==> flow/design.v <==
module add_core_rtl #(
    parameter DWIDTH = 8,
    parameter BS = 4
) (
    input  wire ck,
    input  wire [DWIDTH-1:0] u,
    input  wire [DWIDTH-1:0] v,
    input  wire ci,
    output wire [DWIDTH-1:0] o,
    output wire carry
);
    reg [DWIDTH-1:0] u_r;
    always @(posedge ck)
        u_r <= u;
    reg [DWIDTH-1:0] v_r;
    always @(posedge ck)
        v_r <= v;
    reg ci_r;
    always @(posedge ck)
        ci_r <= ci;
    localparam NB = DWIDTH / BS;
    wire [DWIDTH-1:0] val;
    wire [NB:0] cy;
    assign cy[0] = ci_r;
    genvar i;
    generate
        for (i = 0; i < NB; i = i + 1) begin : each
            wire [BS:0] s0 = u_r[i*BS +: BS] + v_r[i*BS +: BS];
            wire [BS:0] s1 = u_r[i*BS +: BS] + v_r[i*BS +: BS] + 1'b1;
            assign {cy[i+1], val[i*BS +: BS]} = cy[i] ? s1 : s0;
        end
    endgenerate
    assign o = val;
    assign carry = cy[NB];
endmodule
From RTL to reports: add_core_rtl
The steps from the RTL of add_core_rtl to its reports follow in flow order. Line numbers count from 1 in the design file above. Library cell names are shortened. A cell with -- has no value.

Design top: add_core_rtl. Clock: ck. Standard-cell library: sky130hd. Library corner: tt_025C_1v80.

Elaborated design
Yosys after proc, flatten, opt, wreduce and memory -nomap, before mapping. Enables and synchronous resets that opt folds into registers are not counted as muxes. Memory bits, and registers merged into a memory's read port (data or address), are not among the register bits. Print and check cells are not counted. Equal cells are merged and count once.

Input bits: 18. For output and inout bits the number is 9. Under word-level cells stands 9. The figure for register bits after elaboration is 17.

The figure for $add $sub $neg is 4. Under multiplexer cells stands 2.

Operators with widths (number): 4-bit by 4-bit adder with 5-bit output (2); 5-bit by 1-bit adder with 5-bit output (second input constant) (2); 5-bit two-way mux (2).

Longest topological paths
Depth = most cells in a row (Yosys ltp): at word level without a register or memory, in the mapped netlist without a sequential cell, where the memories' decode and read muxes count.

The figure for word-level depth is 4. For ABC_AREA the number is 0. The entry for depth in mapped cells reads 8. Under depth with buffers taken out stands 8.

Mapped cells and area
Yosys stat after the flow's synthesis: flattened, memories mapped to cells. It holds for the ABC_AREA given above (unset counts as 0); a run with the other value may have another netlist.

Cells by type (number): dfxtp_1 (17); ha_1 (10); xor2_1 (7); xnor2_1 (6); fa_1 (2); a21oi_1 (6); a21o_1 (3); xor2_2 (1); a2111oi_2 (1); a211oi_1 (2); a221oi_2 (1); mux2_4 (1); nand2_1 (4); a211oi_2 (1); buf_6 (1); mux2_2 (1); and4b_1 (1); nand3_1 (2).

Not listed: further types 9, cells in them 9.

Buffer cells: 1. For cells in the netlist the number is 76. Under sequential part of the area stands 340.3 µm². The figure for flip-flop cells is 17. Cell area after synthesis: 880.8 µm².

Path before layout
Source: OpenSTA report_checks on the synthesized netlist (no wires, ideal clock, input and output delay 20% of the period each), path of least setup slack; recovery checks are left aside. Register names are those of the netlist, which keeps one name where synthesis merged equal registers.

Path kind: flip-flop to output port. From: reg u_r[0]. To: out carry. Period: 3.37 ns. Stages on the path: 9. For slack the number is 0.539 ns. Under data required time stands 2.696 ns. For arrival the number is 2.157 ns. The figure for path delay is 2.157 ns. The entry for time at the first pin reads 0.000 ns. For synthesis period reached the number is 2.831 ns.

"path delay" = arrival - input delay + setup time. At an output port there is no setup time. "stages on the path": output pins that drive a net of the path, with the launching flip-flop's if there is one; two outputs of one cell count as two. "synthesis period reached" = period - worst setup slack (recovery checks aside). The figure is calculated, with input and output delays left at 20% of the set period. Between the ends stands the longest chain of elaborated cells between them, by number of cells; it is not shown to be the way that was timed. Of several equally long chains one is given. A line is the first line of the expression or statement that the cell stems from. Yosys adds cells for indexed reads and writes and turns some case tables into memories.

Cells stage by stage: dfxtp_1 -> ha_1 -> fa_1 -> ha_1 -> nand2_1 -> a2111oi_2 -> a221oi_2 -> a211oi_1 -> xnor2_1. Length of the longest elaborated chain: 4. Under elaborated cells between the ends (all ways) stands 4. Classes of those cells: add/sub (2); mux (2).

RTL lines, path post-synthesis: from (decl) (line 12) `reg [DWIDTH-1:0] u_r;`; from (assign) (line 14) `u_r <= u;`; 4-bit by 4-bit adder with 5-bit output (line 29) `wire [BS:0] s1 = u_r[i*BS +: BS] + v_r[i*BS +: BS] + 1'b1;`; 5-bit by 1-bit adder with 5-bit output (line 29); 5-bit two-way mux (2 in a row) (line 30) `assign {cy[i+1], val[i*BS +: BS]} = cy[i] ? s1 : s0;`; to (decl) (line 10) `output wire carry`.

Worst path after layout
From the final timing report of entry A: the path of least setup slack in the routed layout; clock arrival at registers is part of the times.

Path kind: flip-flop to output port. From: reg v_r[0]. To: out o[5]. Period: 3.37 ns. For arrival the number is 2.66 ns. The entry for time at the first pin reads 0.28 ns. For slack the number is 0.04 ns. Under data required time stands 2.70 ns. Stages on the path: 11.

Between the ends stands the longest chain of elaborated cells between them, by number of cells; it is not shown to be the way that was timed. Of several equally long chains one is given.

Cells stage by stage: dfxtp_2 -> ha_4 -> fa_2 -> ha_4 -> buf_4 -> nand3_4 -> a221oi_4 -> nand2_2 -> buf_6 -> mux2_4 -> buf_6. Length of the longest elaborated chain: 4. Under elaborated cells between the ends (all ways) stands 4. Classes of those cells: add/sub (2); mux (2).

RTL lines, path post-layout: from (decl) (line 15) `reg [DWIDTH-1:0] v_r;`; from (assign) (line 17) `v_r <= v;`; 4-bit by 4-bit adder with 5-bit output (line 29) `wire [BS:0] s1 = u_r[i*BS +: BS] + v_r[i*BS +: BS] + 1'b1;`; 5-bit by 1-bit adder with 5-bit output (line 29); 5-bit two-way mux (2 in a row) (line 30) `assign {cy[i+1], val[i*BS +: BS]} = cy[i] ? s1 : s0;`; to (decl) (line 9) `output wire [DWIDTH-1:0] o,`.

--- measured runs ---
Below are 3 stored runs of the flow (Yosys, OpenROAD; platform sky130hd) on add_core_rtl, each with its settings and what was measured, unordered. Constraints: input delay and output delay 20% of the set period each, output load 0.01 pF. By "achieved period" is meant the clock period of the run minus its worst setup slack. This is arithmetic on one report: input and output delays are still those of the set period (20% each). By "time of the worst setup path" is meant the share of the clock period that the worst setup path is allowed (20% is reserved at inputs, 20% at outputs), minus its slack. Clock arrival times at its registers enter into it. "total power of the final layout": no workload was simulated; the value follows from the tool's default switching activity.

Files of entry A:
==> flow/run.sh <==
#!/bin/bash
# the make line also repeats the synthesis and layout settings of config.mk as NAME=value (left out here)
make -C /OpenROAD-flow-scripts/flow DESIGN_CONFIG=/design/flow/config.mk WORK_HOME=/design/flow/orfs CLKGATE_MAP_FILE= finish
==> flow/config.mk <==
export PLATFORM = sky130hd
export DESIGN_NAME = add_core_rtl
export DESIGN_NICKNAME = add_core_rtl
export VERILOG_FILES = /design/flow/design.v
export SDC_FILE = /design/flow/constraint.sdc
export NUM_CORES = 4
export LEC_CHECK = 0
export CAP_MARGIN = 20
export CORE_MARGIN = 2
export CORE_UTILIZATION = 40
export SLEW_MARGIN = 20
==> flow/constraint.sdc <==
create_clock -name core_clock -period 3.37 [get_ports {ck}]
set_input_delay 0.6740 -clock core_clock [delete_from_list [all_inputs] [get_ports {ck}]]
set_output_delay 0.6740 -clock core_clock [all_outputs]
set_load 0.01 [all_outputs]

Results of entry A. The time of the worst setup path stands at 2.66 ns. Class of the worst setup path: flip-flop to output port. The utilization after routing is 67.5%. The area of the synthesized netlist stands at 880.8 µm². The worst hold slack in the final report stands at 0.823 ns. The measured achieved period is 3.332 ns. The setup slack of the worst path comes to 0.038 ns. The total power of the final layout reads 0.0005547 W. The measured overall die area is 2593.4 µm². The std-cell area (final layout) stands at 1365.1 µm². The setup total negative slack is 0.000 ns.

Files of entry B:
==> flow/run.sh <==
#!/bin/bash
# the make line also repeats the synthesis and layout settings of config.mk as NAME=value (left out here)
make -C /OpenROAD-flow-scripts/flow DESIGN_CONFIG=/design/flow/config.mk WORK_HOME=/design/flow/orfs CLKGATE_MAP_FILE= finish
==> flow/config.mk <==
export PLATFORM = sky130hd
export DESIGN_NAME = add_core_rtl
export DESIGN_NICKNAME = add_core_rtl
export VERILOG_FILES = /design/flow/design.v
export SDC_FILE = /design/flow/constraint.sdc
export NUM_CORES = 4
export LEC_CHECK = 0
export CAP_MARGIN = 30
export CELL_PAD_IN_SITES_DETAIL_PLACEMENT = 1
export CELL_PAD_IN_SITES_GLOBAL_PLACEMENT = 3
export CORE_MARGIN = 2
export CORE_UTILIZATION = 68
export GPL_ROUTABILITY_DRIVEN = 1
export GPL_TIMING_DRIVEN = 0
export HOLD_SLACK_MARGIN = 0.18
export MAX_ROUTING_LAYER = met4
export PLACE_DENSITY_LB_ADDON = 0.22
export SETUP_SLACK_MARGIN = 0.79
export SLEW_MARGIN = 20
==> flow/constraint.sdc <==
create_clock -name core_clock -period 2.96 [get_ports {ck}]
set_input_delay 0.5920 -clock core_clock [delete_from_list [all_inputs] [get_ports {ck}]]
set_output_delay 0.5920 -clock core_clock [all_outputs]
set_load 0.01 [all_outputs]

Outcome of entry B: incomplete, placement halted on FLW-0024.

Files of entry C:
==> flow/run.sh <==
#!/bin/bash
# the make line also repeats the synthesis and layout settings of config.mk as NAME=value (left out here)
make -C /OpenROAD-flow-scripts/flow DESIGN_CONFIG=/design/flow/config.mk WORK_HOME=/design/flow/orfs CLKGATE_MAP_FILE= finish
==> flow/config.mk <==
export PLATFORM = sky130hd
export DESIGN_NAME = add_core_rtl
export DESIGN_NICKNAME = add_core_rtl
export VERILOG_FILES = /design/flow/design.v
export SDC_FILE = /design/flow/constraint.sdc
export NUM_CORES = 4
export LEC_CHECK = 0
export CAP_MARGIN = 40
export CELL_PAD_IN_SITES_DETAIL_PLACEMENT = 2
export CELL_PAD_IN_SITES_GLOBAL_PLACEMENT = 1
export CORE_MARGIN = 4
export CORE_UTILIZATION = 60
export CTS_CLUSTER_SIZE = 80
export GPL_ROUTABILITY_DRIVEN = 0
export MAX_ROUTING_LAYER = met4
export MIN_ROUTING_LAYER = met1
export PLACE_DENSITY_LB_ADDON = 0.22
export SLEW_MARGIN = 20
==> flow/constraint.sdc <==
create_clock -name core_clock -period 1.95 [get_ports {ck}]
set_input_delay 0.3900 -clock core_clock [delete_from_list [all_inputs] [get_ports {ck}]]
set_output_delay 0.3900 -clock core_clock [all_outputs]
set_load 0.01 [all_outputs]

Outcome of entry C: incomplete, placement halted on FLW-0024.
--- end ---
